==> flow/design.v <==
module dp_mux_mod #(
  parameter integer WD = 4,
  parameter integer N_IN = 5,
  parameter integer SEL_WIDTH = $clog2(N_IN)
) (
  input  logic core_clk,
  input  logic rst_ni,
  input  logic [N_IN*WD-1:0] i_ch,
  input  logic [SEL_WIDTH-1:0] i_choose,
  output logic [WD-1:0] o_result
);
  logic [N_IN*WD-1:0] ch_s;
  logic [SEL_WIDTH-1:0] choose_s;
  assign o_result = ch_s[choose_s*WD +: WD];
  always_ff @(posedge core_clk or negedge rst_ni) begin
    if (!rst_ni) begin
      ch_s <= '0;
      choose_s <= '0;
    end else begin
      ch_s <= i_ch;
      choose_s <= i_choose;
    end
  end
endmodule
Subject: tool reports on dp_mux_mod

Hi,

# Tool chain data of dp_mux_mod

Tool output for the members of one design family, told apart by "N_IN", in the order of the flow.
The file above is the member N_IN = 5. Line numbers count from 1 in each member's own file.
Operators: Yosys type, input widths -> output width; for muxes data width and select width s.
Cell names lack the library's common part.
A cell with n/a has no value.

Top module: dp_mux_mod
Clock: core_clk
Standard-cell library: sky130hd
Corner: tt_025C_1v80

# Source of the members

New or changed lines of each further member against the RTL above, in its own file; lines it lacks are not shown.

New or changed lines:

| N_IN | RTL line | text |
| 16   | 3        | `parameter integer N_IN = 16,` |
| 32   | 3        | `parameter integer N_IN = 32,` |
| 64   | 3        | `parameter integer N_IN = 64,` |

# Word level

Yosys after proc, flatten, opt, wreduce and memory -nomap, before mapping. Enables and synchronous resets that opt folds into registers are not counted as muxes. Memory bits, and registers merged into a memory's read port (data or address), are not among the register bits. Print and check cells are not counted. Equal cells are merged and count once.

Word-level totals:

| N_IN | flip-flop bits (word level) | input bits |
| 5    | 23                          | 25 |
| 16   | 68                          | 70 |
| 32   | 133                         | 135 |
| 64   | 262                         | 264 |

Operators by class:

| N_IN | shift operators |
| 5    | 1 |
| 16   | 1 |
| 32   | 1 |
| 64   | 1 |

Operators by type and width:

| N_IN | kind and count |
| 5    | 1 x $shiftx 20x6->4 |
| 16   | 1 x $shiftx 64x7->4 |
| 32   | 1 x $shiftx 128x8->4 |
| 64   | 1 x $shiftx 256x9->4 |

# Longest topological paths

Longest topological path by Yosys (ltp), each cell counted once; first at word level (registers and memories cut), then after technology mapping (sequential cells cut; the memories' decode and read muxes count).

Logic depth:

| N_IN | word-level depth | ABC_AREA | mapped depth |
| 5    | 1                | 0        | 4 |
| 16   | 1                | 0        | 5 |
| 32   | 1                | 0        | 5 |
| 64   | 1                | 0        | 7 |

# Synthesis result

Source: synth_stat.txt of the flow (Yosys; design flattened, memories mapped). It holds for the ABC_AREA given above (unset counts as 0); a run with the other value may have another netlist.
Totals and module areas in this step are rounded.

Cells by type:

| N_IN | type and count |
| 5    | 23 x dfrtp_1; 4 x mux2i_1; 2 x mux2_4; 2 x mux2_2; 2 x a221o_1; 2 x nor3b_1; 1 x buf_6; 3 x nor2_1; 1 x a211o_1; 1 x a22oi_1; 1 x nand2b_1; 1 x buf_2; 1 x nor3_1; 1 x o21ai_0; 1 x nand2_1 |
| 16   | 68 x dfrtp_1; 14 x mux4_1; 2 x mux4_2; 8 x nand3_1; 4 x a22oi_1; 1 x buf_12; 4 x nand2_1; 2 x nor2b_1; 1 x buf_6; 1 x buf_2; 1 x clkbuf_1; 1 x nor2_1 |
| 32   | 133 x dfrtp_1; 40 x mux4_2; 4 x mux2_2; 3 x buf_6; 4 x buf_1; 1 x buf_2; 1 x clkbuf_1 |
| 64   | 262 x dfrtp_1; 42 x mux4_2; 18 x mux4_1; 10 x mux2i_1; 8 x mux2_2; 7 x o221ai_1; 5 x buf_6; 8 x o22ai_1; 5 x a221oi_1; 2 x buf_12; 10 x nand2_1; 4 x a22o_1; 4 x a211oi_1; 6 x buf_2; 4 x o211ai_1; 3 x buf_4; 4 x o21ai_1; 3 x a31oi_1; [+19] |

The mark [+n] counts cells that are not listed.

Synthesis totals:

| N_IN | sequential part of the area (mm²) | mapped area (mm²) | buffers | mapped cells | flip-flops |
| 5    | 0.0005756                         | 0.000767          | 2       | 46           | 23 |
| 16   | 0.001702                          | 0.002256          | 4       | 107          | 68 |
| 32   | 0.003328                          | 0.004332          | 9       | 186          | 133 |
| 64   | 0.006556                          | 0.008743          | 22      | 424          | 262 |

# Timing after synthesis

OpenSTA on the mapped netlist: ideal clock, no wires. The path of least setup slack (recovery checks aside). Input and output delay are each 20% of the period. Register names are those of the netlist, which keeps one name where synthesis merged equal registers.

Timing post-synthesis:

| N_IN | path type                | start point               | end point               | period (ps) | path slack (ps) | delay of the path (ps) | stages | synthesis period reached (ps) |
| 5    | flip-flop to output port | register (name not given) | output port o_result[0] | 1,750       | 282             | 1,118                  | 4      | 1,468 |
| 16   | flip-flop to output port | register (name not given) | output port o_result[2] | 2,090       | 334             | 1,338                  | 6      | 1,756 |
| 32   | flip-flop to output port | register (name not given) | output port o_result[0] | 2,960       | 474             | 1,894                  | 6      | 2,486 |
| 64   | flip-flop to output port | register (name not given) | output port o_result[1] | 2,540       | 407             | 1,625                  | 7      | 2,133 |

"delay of the path" is the arrival time less input delay plus setup time.
A path that ends at an output port has no setup time.
"stages": output pins that drive a net of the path, with the launching flip-flop's if there is one; two outputs of one cell count as two.
"synthesis period reached" = period - worst setup slack (recovery checks aside). The figure is calculated, with input and output delays left at 20% of the set period.
The rows between start and end are the longest chain of elaborated cells between them; the timing report does not say that the signal goes this way. Where chains are equally long, one stands for them.
A line is the first line of the expression or statement that the cell stems from. Yosys adds cells for indexed reads and writes and turns some case tables into memories.

On the way, post-synthesis, N_IN = 5:
Length of the longest elaborated chain: 1

RTL lines, path post-synthesis, N_IN = 5:

| item            | RTL line | text |
| start, declared | 13       |  |
| start, assigned | 18       |  |
| start, assigned | 21       |  |
| $shiftx 20x6->4 | 14       |  |
| end, declared   | 10       | `output logic [WD-1:0] o_result` |

On the way, post-synthesis, N_IN = 64:
Length of the longest elaborated chain: 1

RTL lines, path post-synthesis, N_IN = 64:

| item             | RTL line | text |
| start, declared  | 13       |  |
| start, assigned  | 18       |  |
| start, assigned  | 21       |  |
| $shiftx 256x9->4 | 14       |  |
| end, declared    | 10       | `output logic [WD-1:0] o_result` |

# Timing after layout

Path of least setup slack in the final report of each member's run (OpenROAD, finished layout, wires in). Where an end is a register, its clock arrival counts in the times.
The report prints the path's times to 10 ps; the period is as set.

Timing after layout:

| N_IN | path type                | start point               | end point               | stages | path slack (ps) | arrival (ps) | period (ps) | path buffers |
| 5    | flip-flop to output port | register (name not given) | output port o_result[1] | 5      | -160            | 1,560        | 1,750       | 2 |
| 16   | flip-flop to output port | register (name not given) | output port o_result[2] | 7      | -190            | 1,860        | 2,090       | 3 |
| 32   | flip-flop to output port | register (name not given) | output port o_result[2] | 8      | -270            | 2,630        | 2,960       | 4 |
| 64   | flip-flop to output port | register (name not given) | output port o_result[1] | 7      | -530            | 2,560        | 2,540       | 2 |

# Measured runs

Settings and results of one run of the flow (Yosys, OpenROAD) for each member follow. The constraints put input and output delay at 20% of the set period each and load the outputs with 0.01 pF.

CAP_MARGIN: 20
CORE_MARGIN: 2
CORE_UTILIZATION: 40
SLEW_MARGIN: 20

Settings by member:

| N_IN | period_ns |
| 5    | 1.75 |
| 16   | 2.09 |
| 32   | 2.96 |
| 64   | 2.54 |

Results:

| N_IN | utilization in the final report (%) | area of the standard cells in the finished layout (mm²) | overall die area (mm²) | reached clock period (ps) | worst setup slack after layout (ps) | Yosys chip area after synthesis (mm²) |
| 5    | 66.3                                | 0.00117                                                 | 0.002284               | 1,915                     | -165                                | 0.000767 |
| 16   | 61.7                                | 0.003377                                                | 0.006257               | 2,281                     | -191                                | 0.002256 |
| 32   | 64.3                                | 0.006695                                                | 0.01168                | 3,226                     | -266                                | 0.004332 |
| 64   | 61.2                                | 0.01323                                                 | 0.02306                | 3,073                     | -533                                | 0.008743 |

"reached clock period" = clock period - worst setup slack. The figure is calculated, with input and output delays left at 20% of the set period.
Results are given in rounded form.

Regards
